==> flow/design.v <==
module alu_comparator_mod #(
  parameter DW = 7
) (
  input  logic clock,
  input  logic RSTN,
  input  logic [DW-1:0] u,
  input  logic [DW-1:0] v,
  input  logic [DW-1:0] w,
  output logic [DW-1:0] o
);
  logic [DW-1:0] u_s;
  always_ff @(posedge clock or negedge RSTN) begin
    if (!RSTN) begin
      u_s <= '0;
    end else begin
      u_s <= u;
    end
  end
  logic [DW-1:0] v_s;
  always_ff @(posedge clock or negedge RSTN) begin
    if (!RSTN) begin
      v_s <= '0;
    end else begin
      v_s <= v;
    end
  end
  logic [DW-1:0] w_s;
  always_ff @(posedge clock or negedge RSTN) begin
    if (!RSTN) begin
      w_s <= '0;
    end else begin
      w_s <= w;
    end
  end
  assign o = (u_s < v_s) ? v_s : (u_s > w_s) ? w_s : u_s;
endmodule
# [Reports on alu_comparator_mod]
# What the tools print for alu_comparator_mod, step after step.
# Line numbers count from 1 in the design file above.
# Library cell names are shortened.
# The mark n/a stands for no value.
[design] top="alu_comparator_mod" clk_port="clock" cell_library="sky130hd" pvt_corner="tt_025C_1v80"

# [After elaboration]
# Source: Yosys, flattened and elaborated, memories not mapped. Widths are those after wreduce; folded enables and synchronous resets count as part of the registers. Registers that Yosys merges into a memory's read port (data or address) are not register bits. Print and check cells do not count. Equal cells are merged and count once.
[bits] in_bits=23 register_bits=21 elab_cells=7
[classes] cmp=2 muxes=2
[ops] operator="2-to-1 mux 7 bit" n=2
[ops] operator="greater-than comparator 7 bit" n=1
[ops] operator="less-than comparator 7 bit" n=1

# [Logic depth]
# Yosys ltp: most cells in a row. Word level: on the elaborated netlist, between registers, memories and ports. Mapped: between sequential cells and ports; inverters and the memories' decode and read muxes count.
[depth] word_depth=3 abc_area=0 mapped_depth=7 ltp_nobuf=7

# [Synthesis result]
# The flow's flattened synthesis, as Yosys stat reports it; memories are mapped. The netlist is that of the ABC_AREA named above (0 if unset); the other value can give another one.
# The area totals of this step are shown rounded.
[synth_totals] ffs=21 mapped_area_um2=1010 seq_area_um2=526 stdcells=81
[types] cell="dfrtp_1" n=21
[types] cell="ha_1" n=13
[types] cell="mux2i_1" n=12
[types] cell="inv_1" n=13
[types] cell="a21oi_1" n=6
[types] cell="mux2_4" n=2
[types] cell="nand4_2" n=1
[types] cell="o22ai_2" n=1
[types] cell="nand3_1" n=2
[types] cell="a21oi_2" n=1
[types] cell="o21ai_2" n=1
[types] cell="a21o_1" n=1
[types] cell="nand2_1" n=2
[types] cell="nand3b_1" n=1
[types] cell="nor2b_1" n=1
[types] cell="o21ai_0" n=1
[types] cell="o21ai_1" n=1
[types] cell="nor2_1" n=1

# [Timing after synthesis]
# OpenSTA on the mapped netlist: ideal clock, no wires. The path of least setup slack (recovery checks aside). Input and output delay are each 20% of the period. Register names are those of the netlist, which keeps one name where synthesis merged equal registers.
[synth_path] path_type="flip-flop to output port" start="reg u_s[2]" end="out o[0]" required_time_ns=2.352 path_delay_ns=1.882 setup_slack_ns=0.470 clock_period_ns=2.94 n_path_buf=0 stages=7 arrival_time_ns=1.882 output_delay_ns=0.588 synth_period_reached_ns=2.47
# "path_delay_ns" is the arrival time less input delay plus setup time.
# At an output port there is no setup time.
# "stages": output pins that drive a net of the path, with the launching flip-flop's if there is one; two outputs of one cell count as two.
# "synth_period_reached_ns" = period - worst setup slack (recovery checks aside). The figure is calculated, with input and output delays left at 20% of the set period.
# The rows between start and end are the longest chain of elaborated cells between them; the timing report does not say that the signal goes this way. Where chains are equally long, one stands for them.
# A line is the first line of the expression or statement that the cell stems from. Yosys adds cells for indexed reads and writes and turns some case tables into memories.
[synth_between] cell_sequence="dfrtp_1 -> ha_1 -> a21oi_1 -> a21oi_2 -> o22ai_2 -> mux2_4 -> mux2_4" elab_chain_cells=3 cells_between=4 cone_lines=1
[synth_rtl] item="from (decl)" line=11 source="logic [DW-1:0] u_s;"
[synth_rtl] item="from (assign)" line=14 source="u_s <= '0;"
[synth_rtl] item="from (assign)" line=16 source="u_s <= u;"
[synth_rtl] item="greater-than comparator 7 bit" line=35 source="assign o = (u_s < v_s) ? v_s : (u_s > w_s) ? w_s : u_s;"
[synth_rtl] item="2-to-1 mux 7 bit (2 in a row)" line=35
[synth_rtl] item="to (decl)" line=9 source="output logic [DW-1:0] o"

# [Timing after layout]
# Path of least setup slack in the final report of record 1 (OpenROAD, finished layout, wires in). Where an end is a register, its clock arrival counts in the times.
[layout_path] path_type="flip-flop to output port" start="reg u_s[2]" end="out o[0]" clock_period_ns=2.94 arrival_time_ns=2.28 output_delay_ns=0.59 setup_slack_ns=0.08 n_path_buf=2 stages=9 required_time_ns=2.35
# The rows between start and end are the longest chain of elaborated cells between them; the timing report does not say that the signal goes this way. Where chains are equally long, one stands for them.
[layout_between] cell_sequence="dfrtp_1 -> ha_4 -> a21oi_2 -> a21oi_2 -> o22ai_2 -> buf_4 -> mux2_4 -> mux2_4 -> clkbuf_2" elab_chain_cells=3 cells_between=4 cone_lines=1
[layout_rtl] item="from (decl)" line=11 source="logic [DW-1:0] u_s;"
[layout_rtl] item="from (assign)" line=14 source="u_s <= '0;"
[layout_rtl] item="from (assign)" line=16 source="u_s <= u;"
[layout_rtl] item="greater-than comparator 7 bit" line=35 source="assign o = (u_s < v_s) ? v_s : (u_s > w_s) ? w_s : u_s;"
[layout_rtl] item="2-to-1 mux 7 bit (2 in a row)" line=35
[layout_rtl] item="to (decl)" line=9 source="output logic [DW-1:0] o"

Lab notebook: alu_comparator_mod

Design alu_comparator_mod on sky130hd. What follows are 3 stored runs of the flow, each under its own settings; their order means nothing. The constraints put input and output delay at 20% of the set period each and load the outputs with 0.01 pF.
"achieved clock period" is the run's clock period less its worst setup slack. It is reckoned from that one timing run; input and output delays stay at 20% of the period that was set.
"worst setup path time" means the part of the period allowed to the worst setup path (the constraints hold back 20% at inputs and 20% at outputs) less its slack; where the path has registers, the arrival times of their clocks count too.
"power": no workload was simulated; the value follows from the tool's default switching activity.
Values from the reports are rounded here.
[record 1] settings: period_ns=2.94, CAP_MARGIN=20, CORE_MARGIN=2, CORE_UTILIZATION=40, SLEW_MARGIN=20
[record 1] result: chip area after synthesis (Yosys) 1010 um^2, die area 2950 um^2, standard-cell area of the final layout 1490 um^2, utilization 61.1%, worst setup slack after layout 0.076 ns, total negative slack 0.000 ns, power 632 uW, achieved clock period 2.864 ns, worst setup path time 2.28 ns, worst setup path kind flip-flop to output port
[record 2] settings: period_ns=1.93, CORE_UTILIZATION=54, SETUP_SLACK_MARGIN=0.26, PLACE_DENSITY=0.66, CORE_MARGIN=5, CELL_PAD_IN_SITES_GLOBAL_PLACEMENT=2, CELL_PAD_IN_SITES_DETAIL_PLACEMENT=2, TNS_END_PERCENT=50, ABC_AREA=1, CTS_CLUSTER_SIZE=87, CTS_CLUSTER_DIAMETER=164, CAP_MARGIN=20, SLEW_MARGIN=20
[record 2] result: did not finish, placement stopped with GPL-0301
[record 3] settings: period_ns=3.33, CORE_UTILIZATION=43, PLACE_DENSITY_LB_ADDON=0.24, CORE_ASPECT_RATIO=1.76, TNS_END_PERCENT=85, GPL_TIMING_DRIVEN=0, CTS_CLUSTER_DIAMETER=90, CAP_MARGIN=30, CORE_MARGIN=2, SLEW_MARGIN=20
[record 3] result: chip area after synthesis (Yosys) 1010 um^2, die area 2770 um^2, standard-cell area of the final layout 1410 um^2, utilization 62.8%, worst setup slack after layout 0.147 ns, total negative slack 0.000 ns, power 574 uW, achieved clock period 3.183 ns, worst setup path time 2.52 ns, worst setup path kind flip-flop to output port
